==> flow/design.v <==
module mult #(
  parameter WD = 8,
  parameter WAYS = 4,
  parameter RES_W = 2*WD + $clog2(WAYS)
) (
  input wire aclk,
  input wire rst_n,
  input wire [WAYS*WD-1:0] rs1,
  input wire [WAYS*WD-1:0] rs2,
  output reg [RES_W-1:0] out
);
  reg [WAYS*WD-1:0] rs1_s;
  always @(posedge aclk or negedge rst_n) begin
    if (!rst_n) begin
      rs1_s <= 0;
    end else begin
      rs1_s <= rs1;
    end
  end
  reg [WAYS*WD-1:0] rs2_s;
  always @(posedge aclk or negedge rst_n) begin
    if (!rst_n) begin
      rs2_s <= 0;
    end else begin
      rs2_s <= rs2;
    end
  end
  reg [RES_W-1:0] t;
  integer idx;
  always @(*) begin
    t = 0;
    for (idx = 0; idx < WAYS; idx = idx + 1)
      t = t + rs1_s[idx*WD +: WD] * rs2_s[idx*WD +: WD];
  end
  always @(posedge aclk or negedge rst_n) begin
    if (!rst_n) begin
      out <= 0;
    end else begin
      out <= t;
    end
  end
endmodule
Reports on mult
Tool output for the design above, in the order of the flow.
Line numbers count from 1 in the design file above.
The mark -- stands for no value.
- top module: mult
- clock input: aclk
- cell library: sky130hd
- library corner: tt_025C_1v80

Word level
Source: Yosys, flattened and elaborated, memories not mapped. Widths are those after wreduce; folded enables and synchronous resets count as part of the registers. Registers that Yosys merges into a memory's read port (data or address) are not register bits. Print and check cells do not count. Equal cells are merged and count once.
- noted output and inout port bits: 18
- flip-flop bits (word level) at 82
- word-level cells: 10
- noted input bits: 66
- add/sub/neg operators: 3
- $mul: 4
- operators with widths (kind ; number):
    8-bit by 8-bit multiplier with 16-bit output ; 4
    17-bit by 16-bit adder with 18-bit output ; 1
    18-bit by 16-bit adder with 18-bit output ; 1
    16-bit by 16-bit adder with 17-bit output ; 1

Longest topological paths
Yosys ltp: most cells in a row. Word level: on the elaborated netlist, between registers, memories and ports. Mapped: between sequential cells and ports; inverters and the memories' decode and read muxes count.
- noted word-level depth: 4
- noted ABC_AREA: 1
- mapped depth at 27
- noted depth with buffers taken out: 26

After synthesis
The flow's flattened synthesis, as Yosys stat reports it; memories are mapped. The netlist is that of the ABC_AREA named above (0 if unset); the other value can give another one.
- standard cells after synthesis at 1388
- sequential area at 2052.0 sq um
- noted flip-flops: 82
- mapped area: 11838.9 sq um
- cells by type (cell ; number ; total area (sq um)):
    sky130_fd_sc_hd__fa_1 ; 224 ; 4.48E+03
    sky130_fd_sc_hd__dfrtp_1 ; 82 ; 2.05E+03
    sky130_fd_sc_hd__inv_1 ; 507 ; 1.9E+03
    sky130_fd_sc_hd__ha_1 ; 129 ; 1.61E+03
    sky130_fd_sc_hd__nand2_1 ; 331 ; 1.24E+03
    sky130_fd_sc_hd__clkbuf_1 ; 64 ; 240.23
    sky130_fd_sc_hd__nor2_1 ; 13 ; 48.797
    sky130_fd_sc_hd__nand3_1 ; 9 ; 45.043
    sky130_fd_sc_hd__a21oi_1 ; 7 ; 35.034
    sky130_fd_sc_hd__xor2_1 ; 4 ; 35.034
    sky130_fd_sc_hd__nand3_2 ; 2 ; 20.019
    sky130_fd_sc_hd__nor3_2 ; 2 ; 20.019
    sky130_fd_sc_hd__nand2_2 ; 3 ; 18.768
    sky130_fd_sc_hd__nand4_1 ; 3 ; 18.768
    sky130_fd_sc_hd__xnor2_1 ; 2 ; 17.517
    sky130_fd_sc_hd__nor2_2 ; 2 ; 12.512
    sky130_fd_sc_hd__o21bai_2 ; 1 ; 11.261
    sky130_fd_sc_hd__nand3b_1 ; 1 ; 7.507
Other cell types: 2; their cells: 2.

Worst setup path after synthesis
OpenSTA on the mapped netlist: ideal clock, no wires. The path of least setup slack (recovery checks aside). Input and output delay are each 20% of the period. Register names are those of the netlist, which keeps one name where synthesis merged equal registers.
- path kind: reg-to-reg
- start point: reg rs1_s[26]
- end point: reg out[16]
- library setup time at 117 ps
- delay of the path: 5644 ps
- slack at 1826 ps
- arrival at 5527 ps
- noted stages on the path: 22
- noted data required time: 7353 ps
- path buffers: 1
- clock period: 7470 ps
- noted synthesis period reached: 5644 ps
"delay of the path" = arrival - input delay + setup time.
"stages on the path": output pins that drive a net of the path, with the launching flip-flop's if there is one; two outputs of one cell count as two.
"synthesis period reached" = period - worst setup slack (recovery checks aside). The figure is calculated, with input and output delays left at 20% of the set period.
The rows between start and end are the longest chain of elaborated cells between them; the timing report does not say that the signal goes this way. Where chains are equally long, one stands for them.
A line is the first line of the expression or statement that the cell stems from. Yosys adds cells for indexed reads and writes and turns some case tables into memories.
- cell sequence: sky130_fd_sc_hd__dfrtp_1 -> sky130_fd_sc_hd__clkbuf_1 -> sky130_fd_sc_hd__nand2_1 -> sky130_fd_sc_hd__fa_1 -> sky130_fd_sc_hd__inv_1 -> sky130_fd_sc_hd__fa_1 -> sky130_fd_sc_hd__inv_1 -> sky130_fd_sc_hd__fa_1 -> sky130_fd_sc_hd__fa_1 -> sky130_fd_sc_hd__inv_1 -> sky130_fd_sc_hd__fa_1 -> sky130_fd_sc_hd__fa_1 -> sky130_fd_sc_hd__fa_1 -> sky130_fd_sc_hd__fa_1 -> sky130_fd_sc_hd__ha_1 -> sky130_fd_sc_hd__or2_0 -> sky130_fd_sc_hd__nand3_1 -> sky130_fd_sc_hd__nand2_1 -> sky130_fd_sc_hd__nand2_1 -> sky130_fd_sc_hd__nand2_1 -> sky130_fd_sc_hd__nand2_1 -> sky130_fd_sc_hd__nand2_1
- cells in the longest elaborated chain at 2
- elaborated cells between the ends (all ways): 2
- source lines of those cells: 1
- classes of those cells: 1 x add/sub; 1 x mul
- ends and longest elaborated chain, after synthesis (item ; RTL line ; text):
    start: declaration ; 12 ; reg [WAYS*WD-1:0] rs1_s;
    start: assignment ; 15 ; rs1_s <= 0;
    start: assignment ; 17 ; rs1_s <= rs1;
    8-bit by 8-bit multiplier with 16-bit output ; 33 ; t = t + rs1_s[idx*WD +: WD] * rs2_s[idx*WD +: WD];
    18-bit by 16-bit adder with 18-bit output ; 33 ;
    end: assignment ; 37 ; out <= 0;
    end: assignment ; 39 ; out <= t;
    end: declaration ; 10 ; output reg [RES_W-1:0] out

Worst path after layout
From the final timing report of run A: the path of least setup slack in the routed layout; clock arrival at registers is part of the times.
The report prints the path's times to 10 ps; the period is as set.
- path kind: reg-to-reg
- start point: reg rs2_s[25]
- end point: reg out[16]
- path buffers: 1
- slack at 3560 ps
- library setup time at 110 ps
- clock period: 9980 ps
- arrival at 6670 ps
- noted data required time: 10230 ps
- noted stages on the path: 22
The rows between start and end are the longest chain of elaborated cells between them; the timing report does not say that the signal goes this way. Where chains are equally long, one stands for them.
- cell sequence: sky130_fd_sc_hd__dfrtp_1 -> sky130_fd_sc_hd__clkbuf_1 -> sky130_fd_sc_hd__nand2_1 -> sky130_fd_sc_hd__inv_1 -> sky130_fd_sc_hd__fa_1 -> sky130_fd_sc_hd__fa_1 -> sky130_fd_sc_hd__inv_1 -> sky130_fd_sc_hd__fa_1 -> sky130_fd_sc_hd__fa_1 -> sky130_fd_sc_hd__inv_1 -> sky130_fd_sc_hd__fa_1 -> sky130_fd_sc_hd__fa_1 -> sky130_fd_sc_hd__fa_1 -> sky130_fd_sc_hd__fa_1 -> sky130_fd_sc_hd__ha_1 -> sky130_fd_sc_hd__nand2_1 -> sky130_fd_sc_hd__inv_1 -> sky130_fd_sc_hd__nand3_1 -> sky130_fd_sc_hd__nand2_1 -> sky130_fd_sc_hd__nand2_1 -> sky130_fd_sc_hd__nand3_1 -> sky130_fd_sc_hd__nand2_1
- cells in the longest elaborated chain at 2
- elaborated cells between the ends (all ways): 2
- source lines of those cells: 1
- classes of those cells: 1 x add/sub; 1 x mul
- ends and longest elaborated chain, after layout (item ; RTL line ; text):
    start: declaration ; 20 ; reg [WAYS*WD-1:0] rs2_s;
    start: assignment ; 23 ; rs2_s <= 0;
    start: assignment ; 25 ; rs2_s <= rs2;
    8-bit by 8-bit multiplier with 16-bit output ; 33 ; t = t + rs1_s[idx*WD +: WD] * rs2_s[idx*WD +: WD];
    18-bit by 16-bit adder with 18-bit output ; 33 ;
    end: assignment ; 37 ; out <= 0;
    end: assignment ; 39 ; out <= t;
    end: declaration ; 10 ; output reg [RES_W-1:0] out

Add stored flow runs of mult

Flow measurements of mult on sky130hd: 3 stored runs with different settings, listed in no order. Input and output delays are each 20% of the period that was set; the output load is 0.01 pF.
"reached clock period" is the run's clock period less its worst setup slack. It is reckoned from that one timing run; input and output delays stay at 20% of the period that was set.
"worst path time": the worst setup path's part of the clock period (all of it between registers, 20% less for each end at a port) less its slack. A launch clock that arrives late makes it longer, a capture clock that arrives late makes it shorter.
"worst path time" is known to 10 ps.

Run A

==> flow/run.sh <==
#!/bin/bash
# the make line also repeats the synthesis and layout settings of config.mk as NAME=value (left out here)
make -C /OpenROAD-flow-scripts/flow DESIGN_CONFIG=/design/flow/config.mk WORK_HOME=/design/flow/orfs CLKGATE_MAP_FILE= finish
==> flow/config.mk <==
export PLATFORM = sky130hd
export DESIGN_NAME = mult
export DESIGN_NICKNAME = mult
export VERILOG_FILES = /design/flow/design.v
export SDC_FILE = /design/flow/constraint.sdc
export NUM_CORES = 4
export LEC_CHECK = 0
export ABC_AREA = 1
export CAP_MARGIN = 5
export CELL_PAD_IN_SITES_DETAIL_PLACEMENT = 0
export CORE_ASPECT_RATIO = 0.95
export CORE_MARGIN = 8
export CORE_UTILIZATION = 55
export CTS_CLUSTER_SIZE = 16
export GPL_TIMING_DRIVEN = 0
export MAX_ROUTING_LAYER = met4
export MIN_ROUTING_LAYER = met2
export PLACE_DENSITY_LB_ADDON = 0.28
export SETUP_SLACK_MARGIN = 1.21
export SLEW_MARGIN = 0
export TNS_END_PERCENT = 60
==> flow/constraint.sdc <==
create_clock -name core_clock -period 9.98 [get_ports {aclk}]
set_input_delay 1.9960 -clock core_clock [delete_from_list [all_inputs] [get_ports {aclk}]]
set_output_delay 1.9960 -clock core_clock [all_outputs]
set_load 0.01 [all_outputs]

Measured in run A:
- area of the synthesized netlist at 11838.9 sq um
- die size at 26477.5 sq um
- standard-cell area after layout: 13302.8 sq um
- noted the post-layout utilization: 0.627
- setup slack of the critical path at 3558 ps
- setup TNS at 0 ps
- noted the smallest hold slack: 944 ps
- reached clock period: 6422 ps
- worst path time at 6420 ps
- critical path kind: reg-to-reg

Run B

==> flow/run.sh <==
#!/bin/bash
# the make line also repeats the synthesis and layout settings of config.mk as NAME=value (left out here)
make -C /OpenROAD-flow-scripts/flow DESIGN_CONFIG=/design/flow/config.mk WORK_HOME=/design/flow/orfs CLKGATE_MAP_FILE= finish
==> flow/config.mk <==
export PLATFORM = sky130hd
export DESIGN_NAME = mult
export DESIGN_NICKNAME = mult
export VERILOG_FILES = /design/flow/design.v
export SDC_FILE = /design/flow/constraint.sdc
export NUM_CORES = 4
export LEC_CHECK = 0
export CAP_MARGIN = 20
export CORE_MARGIN = 2
export CORE_UTILIZATION = 40
export SLEW_MARGIN = 20
==> flow/constraint.sdc <==
create_clock -name core_clock -period 7.47 [get_ports {aclk}]
set_input_delay 1.4940 -clock core_clock [delete_from_list [all_inputs] [get_ports {aclk}]]
set_output_delay 1.4940 -clock core_clock [all_outputs]
set_load 0.01 [all_outputs]

Measured in run B:
- area of the synthesized netlist at 11182.0 sq um
- die size at 29307.7 sq um
- standard-cell area after layout: 12771.0 sq um
- noted the post-layout utilization: 0.462
- setup slack of the critical path at 1166 ps
- setup TNS at 0 ps
- noted the smallest hold slack: 851 ps
- reached clock period: 6304 ps
- worst path time at 6300 ps
- critical path kind: reg-to-reg

Run C

==> flow/run.sh <==
#!/bin/bash
# the make line also repeats the synthesis and layout settings of config.mk as NAME=value (left out here)
make -C /OpenROAD-flow-scripts/flow DESIGN_CONFIG=/design/flow/config.mk WORK_HOME=/design/flow/orfs CLKGATE_MAP_FILE= finish
==> flow/config.mk <==
export PLATFORM = sky130hd
export DESIGN_NAME = mult
export DESIGN_NICKNAME = mult
export VERILOG_FILES = /design/flow/design.v
export SDC_FILE = /design/flow/constraint.sdc
export NUM_CORES = 4
export LEC_CHECK = 0
export ABC_AREA = 1
export CAP_MARGIN = 20
export CORE_MARGIN = 6
export CORE_UTILIZATION = 25
export CTS_CLUSTER_SIZE = 60
export HOLD_SLACK_MARGIN = 0.3
export PLACE_DENSITY_LB_ADDON = 0.06
export SETUP_SLACK_MARGIN = 0.79
export SLEW_MARGIN = 20
export TNS_END_PERCENT = 55
==> flow/constraint.sdc <==
create_clock -name core_clock -period 6.69 [get_ports {aclk}]
set_input_delay 1.3380 -clock core_clock [delete_from_list [all_inputs] [get_ports {aclk}]]
set_output_delay 1.3380 -clock core_clock [all_outputs]
set_load 0.01 [all_outputs]

Measured in run C:
- area of the synthesized netlist at 11838.9 sq um
- die size at 52720.8 sq um
- standard-cell area after layout: 14187.4 sq um
- noted the post-layout utilization: 0.304
- setup slack of the critical path at 854 ps
- setup TNS at 0 ps
- noted the smallest hold slack: 807 ps
- reached clock period: 5836 ps
- worst path time at 5840 ps
- critical path kind: reg-to-reg
